==> flow/design.v <==
module mem_top (core_clk, in_write, in_wa, in_write_data, in_rd_addr, out_read_data);
  parameter integer DEPTH = 24;
  parameter integer WD = 16;
  parameter integer RP = 4;
  parameter integer WPORTS = 3;
  localparam integer ADDR_W = $clog2(DEPTH);
  input core_clk;
  input [WPORTS-1:0] in_write;
  input [WPORTS*ADDR_W-1:0] in_wa;
  input [WPORTS*WD-1:0] in_write_data;
  input [RP*ADDR_W-1:0] in_rd_addr;
  output [RP*WD-1:0] out_read_data;
  reg [WD-1:0] store [DEPTH-1:0];
  integer idx;
  always @(posedge core_clk) begin
    for (idx = 0; idx < WPORTS; idx = idx + 1)
      if (in_write[idx]) store[in_wa[idx*ADDR_W +: ADDR_W]] <= in_write_data[idx*WD +: WD];
  end
  wire [RP*WD-1:0] cur;
  genvar j;
  generate
    for (j = 0; j < RP; j = j + 1) begin : stage
      assign cur[j*WD +: WD] = store[in_rd_addr[j*ADDR_W +: ADDR_W]];
    end
  endgenerate
  assign out_read_data = cur;
endmodule
# Step by step through the tools: mem_top
# What the tools print for mem_top, step after step.
# Lines are those of the file above, counted from 1.
# Operators carry their Yosys type and port widths (W data, S select, Z words).
setup:
  top: "mem_top"
  clk_port: "core_clk"
  library: "sky130hd"
  pvt_corner: "tt_025C_1v80"

# Word-level counts
# Source: Yosys, flattened and elaborated, memories not mapped. Widths are those after wreduce; folded enables and synchronous resets count as part of the registers. Registers that Yosys merges into a memory's read port (data or address) are not register bits. Print and check cells do not count. Equal cells are merged and count once.
# Yosys's memory passes give these memory sizes; they may raise the number of words (mostly to a power of two), join words into wider ones and drop unused or constant bits.
op_classes:
  n_mux: 9
op_table:
  columns: ["cell", "n"]
  rows:
  - ["$mux W16", 3]
  - ["$mux W5", 3]
  - ["$mux W1", 3]
bits:
  regBits: 0
  ramBits: 384
  mem_count: 1
  in_bits: 87
  wordCells: 10
mem_list:
  columns: ["memory", "words", "word_bits", "rd", "wr", "line_no", "text"]
  rows:
  - ["store", 24, 16, 4, 3, 13, "reg [WD-1:0] store [DEPTH-1:0];"]

# Longest topological paths
# Longest topological path by Yosys (ltp), each cell counted once; first at word level (registers and memories cut), then after technology mapping (sequential cells cut; the memories' decode and read muxes count).
logic_depth:
  word_depth: 1
  ABC_AREA: 0
  mapped_depth: 7

# After synthesis
# The flow's flattened synthesis, as Yosys stat reports it; memories are mapped. The netlist is that of the ABC_AREA named above (0 if unset); the other value can give another one.
# The area totals of this step are shown rounded.
types:
  columns: ["type", "n", "area_total_um2"]
  rows:
  - ["sky130_fd_sc_hd__edfxtp_1", 384, 1.15E+04]
  - ["sky130_fd_sc_hd__mux2i_1", 704, 7.05E+03]
  - ["sky130_fd_sc_hd__mux4_2", 256, 5765.53]
  - ["sky130_fd_sc_hd__nand2_1", 345, 1.29E+03]
  - ["sky130_fd_sc_hd__o21ai_0", 253, 1.27E+03]
  - ["sky130_fd_sc_hd__a21oi_1", 144, 720.691]
  - ["sky130_fd_sc_hd__clkbuf_1", 191, 716.938]
  - ["sky130_fd_sc_hd__a2bb2oi_1", 64, 560.538]
  - ["sky130_fd_sc_hd__nor2_1", 145, 544.272]
  - ["sky130_fd_sc_hd__o211ai_1", 66, 495.475]
  - ["sky130_fd_sc_hd__a22oi_1", 64, 480.461]
  - ["sky130_fd_sc_hd__buf_2", 84, 420.403]
  - ["sky130_fd_sc_hd__o311ai_0", 44, 385.37]
  - ["sky130_fd_sc_hd__buf_4", 46, 345.331]
  - ["sky130_fd_sc_hd__nand3_1", 65, 325.312]
  - ["sky130_fd_sc_hd__buf_6", 16, 180.173]
  - ["sky130_fd_sc_hd__o311ai_1", 20, 175.168]
  - ["sky130_fd_sc_hd__clkbuf_8", 9, 123.869]
# Not listed: further types 27, cells in them 114.
synth_totals:
  cell_count: 3014
  mapped_area_mm2: 0.033
  seqArea_mm2: 0.012
  ffs: 384
  n_buf: 371

# Worst setup path after synthesis
# Path of least setup slack by OpenSTA after synthesis, without wires, with an ideal clock, recovery checks aside; 20% of the period is set as input and as output delay. Where synthesis merged equal registers, the netlist keeps one of their names.
synth_path:
  path_type: "input to output"
  from: "input port in_rd_addr[5]"
  to: "output port out_read_data[16]"
  period_ps: 2870
  input_delay_ps: 574
  t_first_pin_ps: 574
  arrival_ps: 1952
  required_time_ps: 2296
  slack_ps: 344
  delay_ps: 1378
  stages: 6
  path_buffers: 3
  synth_period_reached_ps: 2526
# "delay_ps" is the arrival time less input delay plus setup time.
# A path that ends at an output port has no setup time.
# "stages": output pins that drive a net of the path, with the launching flip-flop's if there is one; two outputs of one cell count as two.
# "synth_period_reached_ps" is the clock period less the worst setup slack; recovery checks do not enter. This is arithmetic on one report: input and output delays are still those of the set period (20% each).
# The rows between start and end are the longest chain of elaborated cells between them; the timing report does not say that the signal goes this way. Where chains are equally long, one stands for them.
# A line is the first line of the expression or statement that the cell stems from. Yosys adds cells for indexed reads and writes and turns some case tables into memories.
# A memory read counts as a cell of the chain, while the word-level depth stops at memories.
synth_between:
  cell_sequence: "sky130_fd_sc_hd__buf_2 sky130_fd_sc_hd__buf_6 sky130_fd_sc_hd__buf_6 sky130_fd_sc_hd__mux4_2 sky130_fd_sc_hd__o211ai_1 sky130_fd_sc_hd__o311ai_0"
  elab_chain_len: 1
synth_rtl:
  columns: ["element", "line_no", "text"]
  rows:
  - ["start, declared", 11, "input [RP*ADDR_W-1:0] in_rd_addr;"]
  - ["$mem_v2 Z24 W16", 13, "reg [WD-1:0] store [DEPTH-1:0];"]
  - ["end, declared", 12, "output [RP*WD-1:0] out_read_data;"]

# Path in the finished layout
# From the final timing report of stored run 1: the path of least setup slack in the routed layout; clock arrival at registers is part of the times.
# The report prints the path's times to 10 ps; the period is as set.
layout_path:
  path_type: "register to output"
  from: "memory store[16][14]"
  to: "output port out_read_data[62]"
  period_ps: 2870
  t_first_pin_ps: 630
  arrival_ps: 2710
  required_time_ps: 2300
  slack_ps: -420
  stages: 7
  path_buffers: 3
# The rows between start and end are the longest chain of elaborated cells between them; the timing report does not say that the signal goes this way. Where chains are equally long, one stands for them.
# A memory read counts as a cell of the chain, while the word-level depth stops at memories.
layout_between:
  cell_sequence: "sky130_fd_sc_hd__edfxtp_1 sky130_fd_sc_hd__buf_6 sky130_fd_sc_hd__mux4_2 sky130_fd_sc_hd__o211ai_1 sky130_fd_sc_hd__o311ai_1 sky130_fd_sc_hd__buf_4 sky130_fd_sc_hd__buf_6"
  elab_chain_len: 1
layout_rtl:
  columns: ["element", "line_no", "text"]
  rows:
  - ["start, declared", 13, "reg [WD-1:0] store [DEPTH-1:0];"]
  - ["$mem_v2 Z24 W16", 13, null]
  - ["end, declared", 12, "output [RP*WD-1:0] out_read_data;"]

--- measured runs ---
Record of 2 stored runs of the RTL-to-layout flow on mem_top, platform sky130hd. The runs are unordered. Constraints: input delay and output delay 20% of the set period each, output load 0.01 pF.
"clock_period_reached_ps" is the run's clock period less its worst setup slack. It is reckoned from that one timing run; input and output delays stay at 20% of the period that was set.
By "critical_path_time_ps" is meant the share of the clock period that the worst setup path is allowed (20% is reserved at inputs, 20% at outputs), minus its slack. Clock arrival times at its registers enter into it.
"total_power_mw" rests on the timing tool's default activity at the inputs, not on a simulated workload.
"critical_path_time_ps" is known to 10 ps.
Values from the reports are rounded here.

--- stored run 1 ---
==> flow/run.sh <==
#!/bin/bash
# the make line also repeats the synthesis and layout settings of config.mk as NAME=value (left out here)
make -C /OpenROAD-flow-scripts/flow DESIGN_CONFIG=/design/flow/config.mk WORK_HOME=/design/flow/orfs CLKGATE_MAP_FILE= finish
==> flow/config.mk <==
export PLATFORM = sky130hd
export DESIGN_NAME = mem_top
export DESIGN_NICKNAME = mem_top
export VERILOG_FILES = /design/flow/design.v
export SDC_FILE = /design/flow/constraint.sdc
export NUM_CORES = 4
export LEC_CHECK = 0
export CAP_MARGIN = 20
export CORE_MARGIN = 2
export CORE_UTILIZATION = 40
export SLEW_MARGIN = 20
==> flow/constraint.sdc <==
create_clock -name core_clock -period 2.87 [get_ports {core_clk}]
set_input_delay 0.5740 -clock core_clock [delete_from_list [all_inputs] [get_ports {core_clk}]]
set_output_delay 0.5740 -clock core_clock [all_outputs]
set_load 0.01 [all_outputs]

==> results, as YAML <==
results:
  fin_tns_ps: -5400
  die_mm2: 0.085
  yosys_chip_area_mm2: 0.033
  clock_period_reached_ps: 3287
  timing.setup.ws_ps: -420
  finish.stdcell_area_mm2: 0.043
  total_power_mw: 18
  fin_hold_ws_ps: 960
  critical_path_time_ps: 2710
  worst_path_kind: "register to output"
  fin_util_frac: 0.53

--- stored run 2 ---
==> flow/run.sh <==
#!/bin/bash
# the make line also repeats the synthesis and layout settings of config.mk as NAME=value (left out here)
make -C /OpenROAD-flow-scripts/flow DESIGN_CONFIG=/design/flow/config.mk WORK_HOME=/design/flow/orfs CLKGATE_MAP_FILE= finish
==> flow/config.mk <==
export PLATFORM = sky130hd
export DESIGN_NAME = mem_top
export DESIGN_NICKNAME = mem_top
export VERILOG_FILES = /design/flow/design.v
export SDC_FILE = /design/flow/constraint.sdc
export NUM_CORES = 4
export LEC_CHECK = 0
export CAP_MARGIN = 20
export CELL_PAD_IN_SITES_DETAIL_PLACEMENT = 1
export CELL_PAD_IN_SITES_GLOBAL_PLACEMENT = 3
export CORE_ASPECT_RATIO = 0.84
export CORE_MARGIN = 2
export CORE_UTILIZATION = 40
export CTS_CLUSTER_SIZE = 89
export GPL_ROUTABILITY_DRIVEN = 1
export GPL_TIMING_DRIVEN = 0
export MIN_ROUTING_LAYER = met2
export PLACE_DENSITY_LB_ADDON = 0.23
export SETUP_SLACK_MARGIN = -0.13
export SLEW_MARGIN = 20
export TNS_END_PERCENT = 35
==> flow/constraint.sdc <==
create_clock -name core_clock -period 1.47 [get_ports {core_clk}]
set_input_delay 0.2940 -clock core_clock [delete_from_list [all_inputs] [get_ports {core_clk}]]
set_output_delay 0.2940 -clock core_clock [all_outputs]
set_load 0.01 [all_outputs]

==> results, as YAML <==
outcome: "not finished: routing ended with error GRT-0116"
--- end ---
